==> flow/design.v <==
module core_arith #(
   parameter XLEN = 128
) (
   input  wire CLK,
   input  wire [XLEN-1:0] A,
   input  wire op,
   output wire [XLEN-1:0] d
);
   reg [XLEN-1:0] A_reg;
   reg op_reg;
   always @(posedge CLK) begin
      A_reg <= A;
      op_reg <= op;
   end
   assign d = (A_reg ^ {XLEN{op_reg}}) + op_reg;
endmodule
From RTL to reports: core_arith
The steps from the RTL of core_arith to its reports follow in flow order. Line numbers count from 1 in the design file above. Operators carry their Yosys type and port widths (W data, S select, Z words). Cell names lack the library's common part. The mark n/a stands for no value.

Design top: core_arith. Clock: CLK. Library: sky130hd. Timing corner: tt_025C_1v80.

After elaboration
Counts by Yosys on the flattened word-level netlist (proc, flatten, opt, wreduce; memories kept). Register bits leave out memories and registers merged into their read ports (data or address); mux counts leave out enables and synchronous resets folded into registers. Print and check cells are left out. Cells with the same type and inputs are merged into one.

For flip-flop bits (word level) the number is 129.

The entry for add/subtract/negate cells reads 1. For bitwise logic cells the number is 1.

Operator list (number): $add A128 B1 Y128 (1); $xor A128 B128 Y128 (1).

Logic depth
Depth = most cells in a row (Yosys ltp): at word level without a register or memory, in the mapped netlist without a sequential cell, where the memories' decode and read muxes count.

Under depth after elaboration stands 2. The entry for ABC_AREA reads 0. Gate-level depth with buffers: 17. Under gate-level depth less buffers stands 9.

Synthesis result
Source: synth_stat.txt of the flow (Yosys; design flattened, memories mapped). It holds for the ABC_AREA given above (unset counts as 0); a run with the other value may have another netlist. Totals and module areas in this step are rounded.

For cells in the netlist the number is 1181. The entry for cell area after synthesis reads 9600 sq um. The figure for mapped flip-flops is 129. For buffers the number is 66.

Cell types: dfxtp_1 (number 129, area in all 2.58E+03 sq um); xnor2_1 (number 162, area in all 1.42E+03 sq um); xor2_1 (number 59, area in all 516.746 sq um); nand2_1 (number 113, area in all 424.157 sq um); nand2b_1 (number 46, area in all 287.776 sq um); nand3_1 (number 53, area in all 265.254 sq um); nor3_1 (number 48, area in all 240.23 sq um); nor2_1 (number 61, area in all 228.97 sq um); o22ai_1 (number 32, area in all 200.192 sq um); nand3b_1 (number 25, area in all 187.68 sq um); nand4_1 (number 28, area in all 175.168 sq um); mux2i_1 (number 17, area in all 170.163 sq um); nand4b_1 (number 16, area in all 140.134 sq um); a21oi_1 (number 26, area in all 130.125 sq um); or3_1 (number 20, area in all 125.12 sq um); and4b_1 (number 12, area in all 120.115 sq um); and3_1 (number 19, area in all 118.864 sq um); clkbuf_1 (number 28, area in all 105.101 sq um).

Not listed: further types 58, cells in them 287.

Path before layout
Path of least setup slack by OpenSTA after synthesis, without wires, with an ideal clock, recovery checks aside; 20% of the period is set as input and as output delay. Where synthesis merged equal registers, the netlist keeps one of their names.

Path type: register -> output. Start point: register op_reg. End point: output d[104]. The figure for clock period is 6.89 ns. The entry for output delay reads 1.378 ns. For arrival the number is 4.410 ns. The figure for data required time is 5.512 ns. Under path slack stands 1.102 ns. The entry for delay of the path reads 4.410 ns. For stages the number is 18. The entry for synthesis period reached reads 5.788 ns.

"delay of the path" is the arrival time less input delay plus setup time. A path that ends at an output port has no setup time. "stages": output pins that drive a net of the path, with the launching flip-flop's if there is one; two outputs of one cell count as two. "synthesis period reached" is the clock period less the worst setup slack; recovery checks do not enter. This is arithmetic on one report: input and output delays are still those of the set period (20% each). The rows between start and end are the longest chain of elaborated cells between them; the timing report does not say that the signal goes this way. Where chains are equally long, one stands for them. Each line given opens the expression or statement behind the cell; cells for indexed reads and writes are added by Yosys, which also makes memories of some case tables.

Cell sequence: dfxtp_1 > buf_4 > buf_4 > buf_4 > buf_2 > buf_2 > buf_1 > clkbuf_1 > buf_1 > xor2_1 > ha_1 > o221ai_2 > nor4_2 > nand2_2 > or4_4 > buf_6 > a2111oi_4 > xnor2_1. Under cells in the longest elaborated chain stands 2.

RTL lines, path after synthesis: start: declaration (line 10) `reg op_reg;`; start: assignment (line 13) `op_reg <= op;`; $xor A128 B128 Y128 (line 15) `assign d = (A_reg ^ {XLEN{op_reg}}) + op_reg;`; $add A128 B1 Y128 (line 15); end: declaration (line 7) `output wire [XLEN-1:0] d`.

Worst path after layout
From the final timing report of run 2: the path of least setup slack in the routed layout; clock arrival at registers is part of the times.

Path type: register -> output. Start point: register op_reg. End point: output d[110]. The figure for clock period is 6.89 ns. The entry for output delay reads 1.38 ns. For arrival the number is 5.17 ns. The figure for data required time is 5.51 ns. Under path slack stands 0.34 ns. For stages the number is 10.

The rows between start and end are the longest chain of elaborated cells between them; the timing report does not say that the signal goes this way. Where chains are equally long, one stands for them.

Cell sequence: dfxtp_4 > buf_4 > or3b_1 > o32a_1 > nor4_1 > nand4b_1 > nor3_2 > and4bb_1 > xnor2_1 > clkdlybuf4s50_1. Under cells in the longest elaborated chain stands 2.

RTL lines, path post-layout: start: declaration (line 10) `reg op_reg;`; start: assignment (line 13) `op_reg <= op;`; $xor A128 B128 Y128 (line 15) `assign d = (A_reg ^ {XLEN{op_reg}}) + op_reg;`; $add A128 B1 Y128 (line 15); end: declaration (line 7) `output wire [XLEN-1:0] d`.

Wiki page: core_arith / flow data

Top module core_arith; platform sky130hd; tools Yosys and OpenROAD; 3 stored runs in no particular order. Input and output delays are each 20% of the period that was set; the output load is 0.01 pF. "clock period achieved" = clock period - worst setup slack. The figure is calculated, with input and output delays left at 20% of the set period. "time used up by the worst setup path" = time allowed to the worst setup path (clock period - input delay - output delay, where it has them) - its slack; a late launch clock adds to it, a late capture clock takes from it. "total power of the final layout": no workload was simulated; the value follows from the tool's default switching activity. The results are shown rounded.

Files of run 1:
==> flow/run.sh <==
#!/bin/bash
# the make line also repeats the synthesis and layout settings of config.mk as NAME=value (left out here)
make -C /OpenROAD-flow-scripts/flow DESIGN_CONFIG=/design/flow/config.mk WORK_HOME=/design/flow/orfs CLKGATE_MAP_FILE= finish
==> flow/config.mk <==
export PLATFORM = sky130hd
export DESIGN_NAME = core_arith
export DESIGN_NICKNAME = core_arith
export VERILOG_FILES = /design/flow/design.v
export SDC_FILE = /design/flow/constraint.sdc
export NUM_CORES = 4
export LEC_CHECK = 0
export CAP_MARGIN = 35
export CELL_PAD_IN_SITES_GLOBAL_PLACEMENT = 1
export CORE_ASPECT_RATIO = 0.75
export CORE_MARGIN = 2
export CORE_UTILIZATION = 56
export CTS_CLUSTER_DIAMETER = 279
export CTS_CLUSTER_SIZE = 45
export GPL_ROUTABILITY_DRIVEN = 0
export PLACE_DENSITY_LB_ADDON = 0.13
export SLEW_MARGIN = 20
==> flow/constraint.sdc <==
create_clock -name core_clock -period 3.52 [get_ports {CLK}]
set_input_delay 0.7040 -clock core_clock [delete_from_list [all_inputs] [get_ports {CLK}]]
set_output_delay 0.7040 -clock core_clock [all_outputs]
set_load 0.01 [all_outputs]

Outcome of run 1: not finished: placement ended with error FLW-0024.

Files of run 2:
==> flow/run.sh <==
#!/bin/bash
# the make line also repeats the synthesis and layout settings of config.mk as NAME=value (left out here)
make -C /OpenROAD-flow-scripts/flow DESIGN_CONFIG=/design/flow/config.mk WORK_HOME=/design/flow/orfs CLKGATE_MAP_FILE= finish
==> flow/config.mk <==
export PLATFORM = sky130hd
export DESIGN_NAME = core_arith
export DESIGN_NICKNAME = core_arith
export VERILOG_FILES = /design/flow/design.v
export SDC_FILE = /design/flow/constraint.sdc
export NUM_CORES = 4
export LEC_CHECK = 0
export CAP_MARGIN = 20
export CORE_MARGIN = 2
export CORE_UTILIZATION = 40
export SLEW_MARGIN = 20
==> flow/constraint.sdc <==
create_clock -name core_clock -period 6.89 [get_ports {CLK}]
set_input_delay 1.3780 -clock core_clock [delete_from_list [all_inputs] [get_ports {CLK}]]
set_output_delay 1.3780 -clock core_clock [all_outputs]
set_load 0.01 [all_outputs]

Results of run 2. For the worst slack on setup checks the run shows 0.34 ns. The clock period achieved stands at 6.552 ns. The time used up by the worst setup path comes to 5.17 ns. Critical path type: register -> output. The measured post-route setup TNS is 0.000 ns. The final worst hold slack stands at 1.4 ns. The post-route utilization is 55 %. For the area inside the die boundary the run shows 25000 sq um. The total power of the final layout reads 2.3 mW. The post-synthesis cell area reads 9600 sq um. The standard-cell area of the final layout reads 13000 sq um.

Files of run 3:
==> flow/run.sh <==
#!/bin/bash
# the make line also repeats the synthesis and layout settings of config.mk as NAME=value (left out here)
make -C /OpenROAD-flow-scripts/flow DESIGN_CONFIG=/design/flow/config.mk WORK_HOME=/design/flow/orfs CLKGATE_MAP_FILE= finish
==> flow/config.mk <==
export PLATFORM = sky130hd
export DESIGN_NAME = core_arith
export DESIGN_NICKNAME = core_arith
export VERILOG_FILES = /design/flow/design.v
export SDC_FILE = /design/flow/constraint.sdc
export NUM_CORES = 4
export LEC_CHECK = 0
export ABC_AREA = 0
export CAP_MARGIN = 0
export CORE_MARGIN = 2
export CORE_UTILIZATION = 61
export CTS_CLUSTER_DIAMETER = 385
export GPL_TIMING_DRIVEN = 0
export HOLD_SLACK_MARGIN = 0.1
export MAX_ROUTING_LAYER = met5
export MIN_ROUTING_LAYER = met1
export PLACE_DENSITY_LB_ADDON = 0.15
export SLEW_MARGIN = 20
==> flow/constraint.sdc <==
create_clock -name core_clock -period 3.72 [get_ports {CLK}]
set_input_delay 0.7440 -clock core_clock [delete_from_list [all_inputs] [get_ports {CLK}]]
set_output_delay 0.7440 -clock core_clock [all_outputs]
set_load 0.01 [all_outputs]

Outcome of run 3: not finished: clock tree synthesis ended with error DPL-0038.
